==> flow/design.v <==
module cpu_cmp #(
    parameter integer WIDTH = 32
) (
    input wire sys_clk,
    input wire i_rst,
    input wire [WIDTH-1:0] first,
    input wire [WIDTH-1:0] second,
    output reg less,
    output reg is_eq,
    output reg gt
);
    reg [WIDTH-1:0] first_q;
    always @(posedge sys_clk) begin
        if (i_rst) begin
            first_q <= 0;
        end else begin
            first_q <= first;
        end
    end
    reg [WIDTH-1:0] second_q;
    always @(posedge sys_clk) begin
        if (i_rst) begin
            second_q <= 0;
        end else begin
            second_q <= second;
        end
    end
    always @(posedge sys_clk) begin
        if (i_rst) begin
            less <= 1'b0;
        end else begin
            less <= (first_q < second_q);
        end
    end
    always @(posedge sys_clk) begin
        if (i_rst) begin
            is_eq <= 1'b0;
        end else begin
            is_eq <= (first_q == second_q);
        end
    end
    always @(posedge sys_clk) begin
        if (i_rst) begin
            gt <= 1'b0;
        end else begin
            gt <= (first_q > second_q);
        end
    end
endmodule
Reports on cpu_cmp
The steps from the RTL of cpu_cmp to its reports follow in flow order. Line numbers count from 1 in the design file above. Cell names lack the library's common part. A cell with n/a has no value.

Design top: cpu_cmp. Clock port: sys_clk. Standard-cell library: sky130hd. Corner: tt_025C_1v80.

Word level
Counts by Yosys on the flattened word-level netlist (proc, flatten, opt, wreduce; memories kept). Register bits leave out memories and registers merged into their read ports (data or address); mux counts leave out enables and synchronous resets folded into registers. Print and check cells are left out. Cells with the same type and inputs are merged into one.

Shift-type cells: 0. For bitwise gates (word level) the number is 0. The entry for reductions and logical operators reads 0. The figure for $add $sub $neg is 0. For divide/modulo/power cells the number is 0. Multiplexer cells: 0. Equality and inequality tests: 1. The entry for $lt $le $gt $ge reads 2. The entry for multipliers reads 0.

Operators with widths (count): 32-bit greater-than comparator (1); 32-bit < comparator (1); 32-bit == test (1).

The figure for word width x clocked read ports is 0. The entry for bits in latches reads 0. The entry for flip-flop bits (word level) reads 67. For memories kept the number is 0. Input bits: 66. Bits in writable memories: 0. For output and inout bits the number is 3. For ROM bits the number is 0.

Longest topological paths
Yosys ltp: most cells in a row. Word level: on the elaborated netlist, between registers, memories and ports. Mapped: between sequential cells and ports; inverters and the memories' decode and read muxes count.

For depth in word-level cells the number is 1. For ABC_AREA the number is 1. The figure for depth in mapped cells is 14. For mapped depth without buffers the number is 14.

Netlist
Yosys stat after the flow's synthesis: flattened, memories mapped to cells. It holds for the ABC_AREA given above (unset counts as 0); a run with the other value may have another netlist. The area totals of this step are shown rounded.

Under buffer cells stands 7. The figure for chip area (Yosys) is 2780 um2. For mapped flip-flops the number is 67. The figure for standard cells after synthesis is 352. The entry for sequential area reads 1340 um2.

Cell types: dfxtp_1 (count 67, total area 1.34E+03 um2); ha_1 (count 32, total area 400.384 um2); inv_1 (count 104, total area 390.374 um2); nor2_1 (count 74, total area 277.766 um2); nand2_1 (count 35, total area 131.376 um2); a21oi_1 (count 13, total area 65.062 um2); nand2_2 (count 4, total area 25.024 um2); buf_2 (count 4, total area 20.019 um2); a21oi_2 (count 2, total area 17.517 um2); nand3_1 (count 3, total area 15.014 um2); nor2_2 (count 2, total area 12.512 um2); nor3b_2 (count 1, total area 12.512 um2); clkbuf_1 (count 3, total area 11.261 um2); nor2_4 (count 1, total area 11.261 um2); o21a_2 (count 1, total area 8.758 um2); a21o_1 (count 1, total area 7.507 um2); o21a_1 (count 1, total area 7.507 um2); nand4_1 (count 1, total area 6.256 um2).

Other cell types: 3; their cells: 3.

Timing after synthesis
Path of least setup slack by OpenSTA after synthesis, without wires, with an ideal clock, recovery checks aside; 20% of the period is set as input and as output delay. Where synthesis merged equal registers, the netlist keeps one of their names.

Path kind: reg2reg. Start: reg second_q[23]. End: reg less. The entry for arrival reads 1.170 ns. The figure for path delay is 1.286 ns. The entry for driving pins on the path reads 10. The figure for clock period is 2.0 ns. The figure for path buffers is 0. The entry for data required time reads 1.884 ns. Slack: 0.713 ns. Under synthesis period reached stands 1.287 ns.

"path delay" = arrival - input delay + setup time. "driving pins on the path" counts driving pins, that of a launching flip-flop among them; a cell with two outputs on the path counts twice. "synthesis period reached" is the clock period less the worst setup slack; recovery checks do not enter. This is arithmetic on one report: input and output delays are still those of the set period (20% each). Between the ends stands the longest chain of elaborated cells between them, by number of cells; it is not shown to be the way that was timed. Of several equally long chains one is given. Each line given opens the expression or statement behind the cell; cells for indexed reads and writes are added by Yosys, which also makes memories of some case tables.

Path through: dfxtp_1 > inv_1 > ha_1 > nand2_2 > nor2_4 > nand2_2 > nor3b_2 > nand2_1 > nand2_1 > nor2_1. For length of the longest elaborated chain the number is 1.

Ends and longest elaborated chain, post-synthesis: start, declared (RTL line 20) `reg [WIDTH-1:0] second_q;`; start, assigned (RTL line 23) `second_q <= 0;`; start, assigned (RTL line 25) `second_q <= second;`; 32-bit < comparator (RTL line 32) `less <= (first_q < second_q);`; end, assigned (RTL line 30) `less <= 1'b0;`; end, assigned (RTL line 32); end, declared (RTL line 8) `output reg less,`.

Worst path after layout
Path of least setup slack in the final report of flow run A (OpenROAD, finished layout, wires in). Where an end is a register, its clock arrival counts in the times.

Path kind: reg2out. Start: reg gt. End: out gt. The figure for path buffers is 1. Under external output delay stands 0.47 ns. The figure for clock period is 2.36 ns. The entry for data required time reads 1.89 ns. The entry for driving pins on the path reads 2. The entry for arrival reads 1.18 ns. Slack: 0.71 ns.

Path through: dfxtp_1 > clkdlybuf4s50_1. For length of the longest elaborated chain the number is 0.

Ends and longest elaborated chain, post-layout: start, declared (RTL line 10) `output reg gt`; start, assigned (RTL line 44) `gt <= 1'b0;`; start, assigned (RTL line 46) `gt <= (first_q > second_q);`; end, declared (RTL line 10).

Ticket comment

Measured results for cpu_cmp: 3 stored runs of the Yosys and OpenROAD flow on sky130hd. The settings differ; the order carries no meaning. The constraints put input and output delay at 20% of the set period each and load the outputs with 0.01 pF. By "clock period achieved" is meant the clock period of the run minus its worst setup slack. This is arithmetic on one report: input and output delays are still those of the set period (20% each). "overall power" is the tool's figure for a default switching activity; nothing was simulated. Results are given in rounded form.

Flow run A has these settings: period_ns 2.36; CORE_UTILIZATION 44; SETUP_SLACK_MARGIN 0.57; CORE_ASPECT_RATIO 1.02; TNS_END_PERCENT 95; ABC_AREA 1; GPL_TIMING_DRIVEN 0; CAP_MARGIN 5; MAX_ROUTING_LAYER met4; CORE_MARGIN 2; SLEW_MARGIN 20. The standard-cell area after layout stands at 3,710 um2. The netlist area reported by Yosys stands at 2,780 um2. The measured setup slack of the critical path is 0.708 ns. The setup total negative slack reads 0.000 ns. The overall power reads 2,370 uW. The clock period achieved stands at 1.652 ns. The die size stands at 6,960 um2.

Flow run B has these settings: period_ns 2.0; CAP_MARGIN 20; CORE_MARGIN 2; CORE_UTILIZATION 40; SLEW_MARGIN 20. The overall power reads 3,200 uW. The die size stands at 7,190 um2. The netlist area reported by Yosys stands at 2,610 um2. The standard-cell area after layout stands at 3,640 um2. The setup total negative slack reads 0.000 ns. The clock period achieved stands at 1.744 ns. The measured setup slack of the critical path is 0.256 ns.

Flow run C has these settings: period_ns 2.14; CORE_UTILIZATION 71; SETUP_SLACK_MARGIN -0.02; PLACE_DENSITY 0.91; CORE_ASPECT_RATIO 0.78; CORE_MARGIN 7; CELL_PAD_IN_SITES_GLOBAL_PLACEMENT 1; GPL_TIMING_DRIVEN 1; CTS_CLUSTER_DIAMETER 26; MAX_ROUTING_LAYER met5; CAP_MARGIN 20; SLEW_MARGIN 20. Outcome: no results, placement failed with GPL-0301.
